==> flow/design.v <==
module switch #(
    parameter int DWIDTH = 2,
    parameter int LANES = 20,
    parameter int LOGN = $clog2(LANES)
) (
    input logic ck,
    input logic clr,
    input logic valid,
    input logic [LANES*DWIDTH-1:0] val,
    input logic [LOGN-1:0] choose,
    output logic [DWIDTH-1:0] data_out
);
    logic [LANES*DWIDTH-1:0] val_d1;
    logic [LOGN-1:0] choose_d1;
    always_ff @(posedge ck or posedge clr) begin
        if (clr) begin
            val_d1 <= 0;
            choose_d1 <= 0;
        end else if (valid) begin
            val_d1 <= val;
            choose_d1 <= choose;
        end
    end
    logic [DWIDTH-1:0] cur;
    always_comb begin
        cur = 0;
        for (int n = 0; n < LANES; n++)
            if (choose_d1 == n) cur = val_d1[n*DWIDTH +: DWIDTH];
    end
    always_ff @(posedge ck or posedge clr) begin
        if (clr) begin
            data_out <= 0;
        end else if (valid) begin
            data_out <= cur;
        end
    end
endmodule
# Reports on switch
# Tool output for the design above, in the order of the flow.
# Lines are those of the file above, counted from 1.
# Cell names lack the library's common part.
# Not given: n/a
[inputs]
design = "switch"
clock = "ck"
library = "sky130hd"
lib_corner = "tt_025C_1v80"

# Elaborated design
# Yosys after proc, flatten, opt, wreduce and memory -nomap, before mapping. Enables and synchronous resets that opt folds into registers are not counted as muxes. Memory bits, and registers merged into a memory's read port (data or address), are not among the register bits. Print and check cells are not counted. Equal cells are merged and count once.
[word_totals]
out_inout_bits = 2
wordCells = 43
regBits = 47
[classes]
reduce_logical = 1
muxes = 20
equal = 19
[op_table]
columns = ["cell", "count"]
rows = [
  ["== test 5 x 4 -> 1 bit (second input constant)", 8],
  ["two-way mux 2 bit", 20],
  ["== test 5 x 3 -> 1 bit (second input constant)", 4],
  ["== test 5 bit (second input constant)", 4],
  ["== test 5 x 2 -> 1 bit (second input constant)", 2],
  ["== test 5 x 1 -> 1 bit (second input constant)", 1],
  ["logical NOT 5 bit", 1],
]

# Logic depth
# Depth = most cells in a row (Yosys ltp): at word level without a register or memory, in the mapped netlist without a sequential cell, where the memories' decode and read muxes count.
[logic_depth]
ltp_word = 21
abc_area = 0
ltp_mapped = 7
mapped_depth_nobuf = 5

# Netlist
# Yosys stat after the flow's synthesis: flattened, memories mapped to cells. It holds for the ABC_AREA given above (unset counts as 0); a run with the other value may have another netlist.
# The area totals of this step are shown rounded.
[mapped]
seq_area_um2 = 1176
buf_cells = 13
yosys_area_um2 = 2286
ff_cells = 47
cell_count = 179
[types]
columns = ["cell_type", "count", "type_area_um2"]
rows = [
  ["dfrtp_1", 47, 1.18E+03],
  ["mux2_2", 45, 506.736],
  ["mux2i_1", 13, 130.125],
  ["a211oi_1", 5, 37.536],
  ["nor2_1", 7, 26.275],
  ["a21oi_1", 5, 25.024],
  ["buf_2", 5, 25.024],
  ["mux2_1", 2, 22.522],
  ["nor3b_1", 3, 22.522],
  ["o21ai_0", 4, 20.019],
  ["o221a_4", 1, 20.019],
  ["buf_1", 5, 18.768],
  ["nand2b_1", 3, 18.768],
  ["o41ai_2", 1, 16.266],
  ["a221oi_2", 1, 15.014],
  ["buf_8", 1, 15.014],
  ["inv_1", 4, 15.014],
  ["nand2_1", 4, 15.014],
]
# Not listed: further types 19, cells in them 23.

# Path before layout
# Path of least setup slack by OpenSTA after synthesis, without wires, with an ideal clock, recovery checks aside; 20% of the period is set as input and as output delay. Where synthesis merged equal registers, the netlist keeps one of their names.
[synth_path]
kind = "reg-to-reg"
startpoint = "register (name not given)"
endpoint = "register data_out[1]"
arrival_time_ns = 1.451
setup_ns = 0.128
slack_ns = 0.391
tclk_ns = 1.97
t_first_pin_ns = 0.000
path_buffers = 1
required_time_ns = 1.842
stages = 7
path_delay_ns = 1.579
period_less_setup_slack_ns = 1.579
# "path_delay_ns" = arrival - input delay + setup time.
# "stages": output pins that drive a net of the path, with the launching flip-flop's if there is one; two outputs of one cell count as two.
# "period_less_setup_slack_ns" is the clock period less the worst setup slack; recovery checks do not enter. This is arithmetic on one report: input and output delays are still those of the set period (20% each).
# The rows between start and end are the longest chain of elaborated cells between them; the timing report does not say that the signal goes this way. Where chains are equally long, one stands for them.
# Each line given opens the expression or statement behind the cell; cells for indexed reads and writes are added by Yosys, which also makes memories of some case tables.
[synth_via]
cell_sequence = "dfrtp_1 > buf_2 > or3b_4 > a221o_1 > nand2_2 > o221a_4 > o41ai_2"
elab_chain_cells = 21
[synth_lines]
columns = ["item", "line_no", "source"]
rows = [
  ["start, declared", 14, ""],
  ["start, assigned", 18, ""],
  ["start, assigned", 21, ""],
  ["logical NOT 5 bit", 28, ""],
  ["two-way mux 2 bit (20 in a row)", 28, ""],
  ["end, assigned", 32, "data_out <= 0;"],
  ["end, assigned", 34, "data_out <= cur;"],
  ["end, declared", 11, "output logic [DWIDTH-1:0] data_out"],
]

# Worst path after layout
# From the final timing report of run A: the path of least setup slack in the routed layout; clock arrival at registers is part of the times.
[layout_path]
kind = "reg-to-reg"
startpoint = "register (name not given)"
endpoint = "register data_out[0]"
tclk_ns = 1.97
path_buffers = 1
required_time_ns = 2.14
stages = 7
setup_ns = 0.13
arrival_time_ns = 1.92
t_first_pin_ns = 0.30
slack_ns = 0.22
# The rows between start and end are the longest chain of elaborated cells between them; the timing report does not say that the signal goes this way. Where chains are equally long, one stands for them.
[layout_via]
cell_sequence = "dfrtp_1 > buf_4 > mux2i_1 > a32o_1 > a21oi_1 > a211oi_1 > o221ai_1"
elab_chain_cells = 21
[layout_lines]
columns = ["item", "line_no", "source"]
rows = [
  ["start, declared", 14, ""],
  ["start, assigned", 18, ""],
  ["start, assigned", 21, ""],
  ["logical NOT 5 bit", 28, ""],
  ["two-way mux 2 bit (20 in a row)", 28, ""],
  ["end, assigned", 32, "data_out <= 0;"],
  ["end, assigned", 34, "data_out <= cur;"],
  ["end, declared", 11, "output logic [DWIDTH-1:0] data_out"],
]

Wiki page: switch / flow data

switch through Yosys and OpenROAD on sky130hd: 3 stored runs, unordered, with their settings and measured results. The constraints put input and output delay at 20% of the set period each and load the outputs with 0.01 pF.
"clock_period_reached_ns" = clock period - worst setup slack. The figure is calculated, with input and output delays left at 20% of the set period.
"worst_path_ns" is the time allowed to the run's worst setup path (the clock period less input and output delay, where it has them) less its slack. Clock arrival times count: a late capture clock shortens it, a late launch clock lengthens it.
Measured values are rounded.

# run A
==> flow/run.sh <==
#!/bin/bash
# the make line also repeats the synthesis and layout settings of config.mk as NAME=value (left out here)
make -C /OpenROAD-flow-scripts/flow DESIGN_CONFIG=/design/flow/config.mk WORK_HOME=/design/flow/orfs CLKGATE_MAP_FILE= finish
==> flow/config.mk <==
export PLATFORM = sky130hd
export DESIGN_NAME = switch
export DESIGN_NICKNAME = switch
export VERILOG_FILES = /design/flow/design.v
export SDC_FILE = /design/flow/constraint.sdc
export NUM_CORES = 4
export LEC_CHECK = 0
export CAP_MARGIN = 20
export CORE_MARGIN = 2
export CORE_UTILIZATION = 40
export SLEW_MARGIN = 20
==> flow/constraint.sdc <==
create_clock -name core_clock -period 1.97 [get_ports {ck}]
set_input_delay 0.3940 -clock core_clock [delete_from_list [all_inputs] [get_ports {ck}]]
set_output_delay 0.3940 -clock core_clock [all_outputs]
set_load 0.01 [all_outputs]

==> run A: results <==
stdcell_area_um2=2988
synthArea_um2=2286
setup_worst_slack_ns=0.222
clock_period_reached_ns=1.748
worst_path_ns=1.75
critical_path_type="reg-to-reg"
die_footprint_um2=6335
util_pct=54.3

# run B
==> flow/run.sh <==
#!/bin/bash
# the make line also repeats the synthesis and layout settings of config.mk as NAME=value (left out here)
make -C /OpenROAD-flow-scripts/flow DESIGN_CONFIG=/design/flow/config.mk WORK_HOME=/design/flow/orfs CLKGATE_MAP_FILE= finish
==> flow/config.mk <==
export PLATFORM = sky130hd
export DESIGN_NAME = switch
export DESIGN_NICKNAME = switch
export VERILOG_FILES = /design/flow/design.v
export SDC_FILE = /design/flow/constraint.sdc
export NUM_CORES = 4
export LEC_CHECK = 0
export CAP_MARGIN = 35
export CORE_MARGIN = 5
export CORE_UTILIZATION = 18
export CTS_CLUSTER_DIAMETER = 20
export MIN_ROUTING_LAYER = met1
export PLACE_DENSITY_LB_ADDON = 0.3
export SLEW_MARGIN = 25
export TNS_END_PERCENT = 45
==> flow/constraint.sdc <==
create_clock -name core_clock -period 1.21 [get_ports {ck}]
set_input_delay 0.2420 -clock core_clock [delete_from_list [all_inputs] [get_ports {ck}]]
set_output_delay 0.2420 -clock core_clock [all_outputs]
set_load 0.01 [all_outputs]

==> run B: results <==
stdcell_area_um2=3433
synthArea_um2=2286
setup_worst_slack_ns=-0.452
clock_period_reached_ns=1.662
worst_path_ns=1.66
critical_path_type="reg-to-reg"
die_footprint_um2=15050
util_pct=27.4

# run C
==> flow/run.sh <==
#!/bin/bash
# the make line also repeats the synthesis and layout settings of config.mk as NAME=value (left out here)
make -C /OpenROAD-flow-scripts/flow DESIGN_CONFIG=/design/flow/config.mk WORK_HOME=/design/flow/orfs CLKGATE_MAP_FILE= finish
==> flow/config.mk <==
export PLATFORM = sky130hd
export DESIGN_NAME = switch
export DESIGN_NICKNAME = switch
export VERILOG_FILES = /design/flow/design.v
export SDC_FILE = /design/flow/constraint.sdc
export NUM_CORES = 4
export LEC_CHECK = 0
export CAP_MARGIN = 20
export CORE_MARGIN = 2
export CORE_UTILIZATION = 21
export CTS_CLUSTER_DIAMETER = 266
export CTS_CLUSTER_SIZE = 45
export GPL_ROUTABILITY_DRIVEN = 1
export MIN_ROUTING_LAYER = met2
export PLACE_DENSITY = 0.7
export SETUP_SLACK_MARGIN = 0.26
export SLEW_MARGIN = 40
==> flow/constraint.sdc <==
create_clock -name core_clock -period 1.47 [get_ports {ck}]
set_input_delay 0.2940 -clock core_clock [delete_from_list [all_inputs] [get_ports {ck}]]
set_output_delay 0.2940 -clock core_clock [all_outputs]
set_load 0.01 [all_outputs]

==> run C: results <==
stdcell_area_um2=3314
synthArea_um2=2286
setup_worst_slack_ns=-0.151
clock_period_reached_ns=1.621
worst_path_ns=1.62
critical_path_type="reg-to-reg"
die_footprint_um2=11740
util_pct=30.8
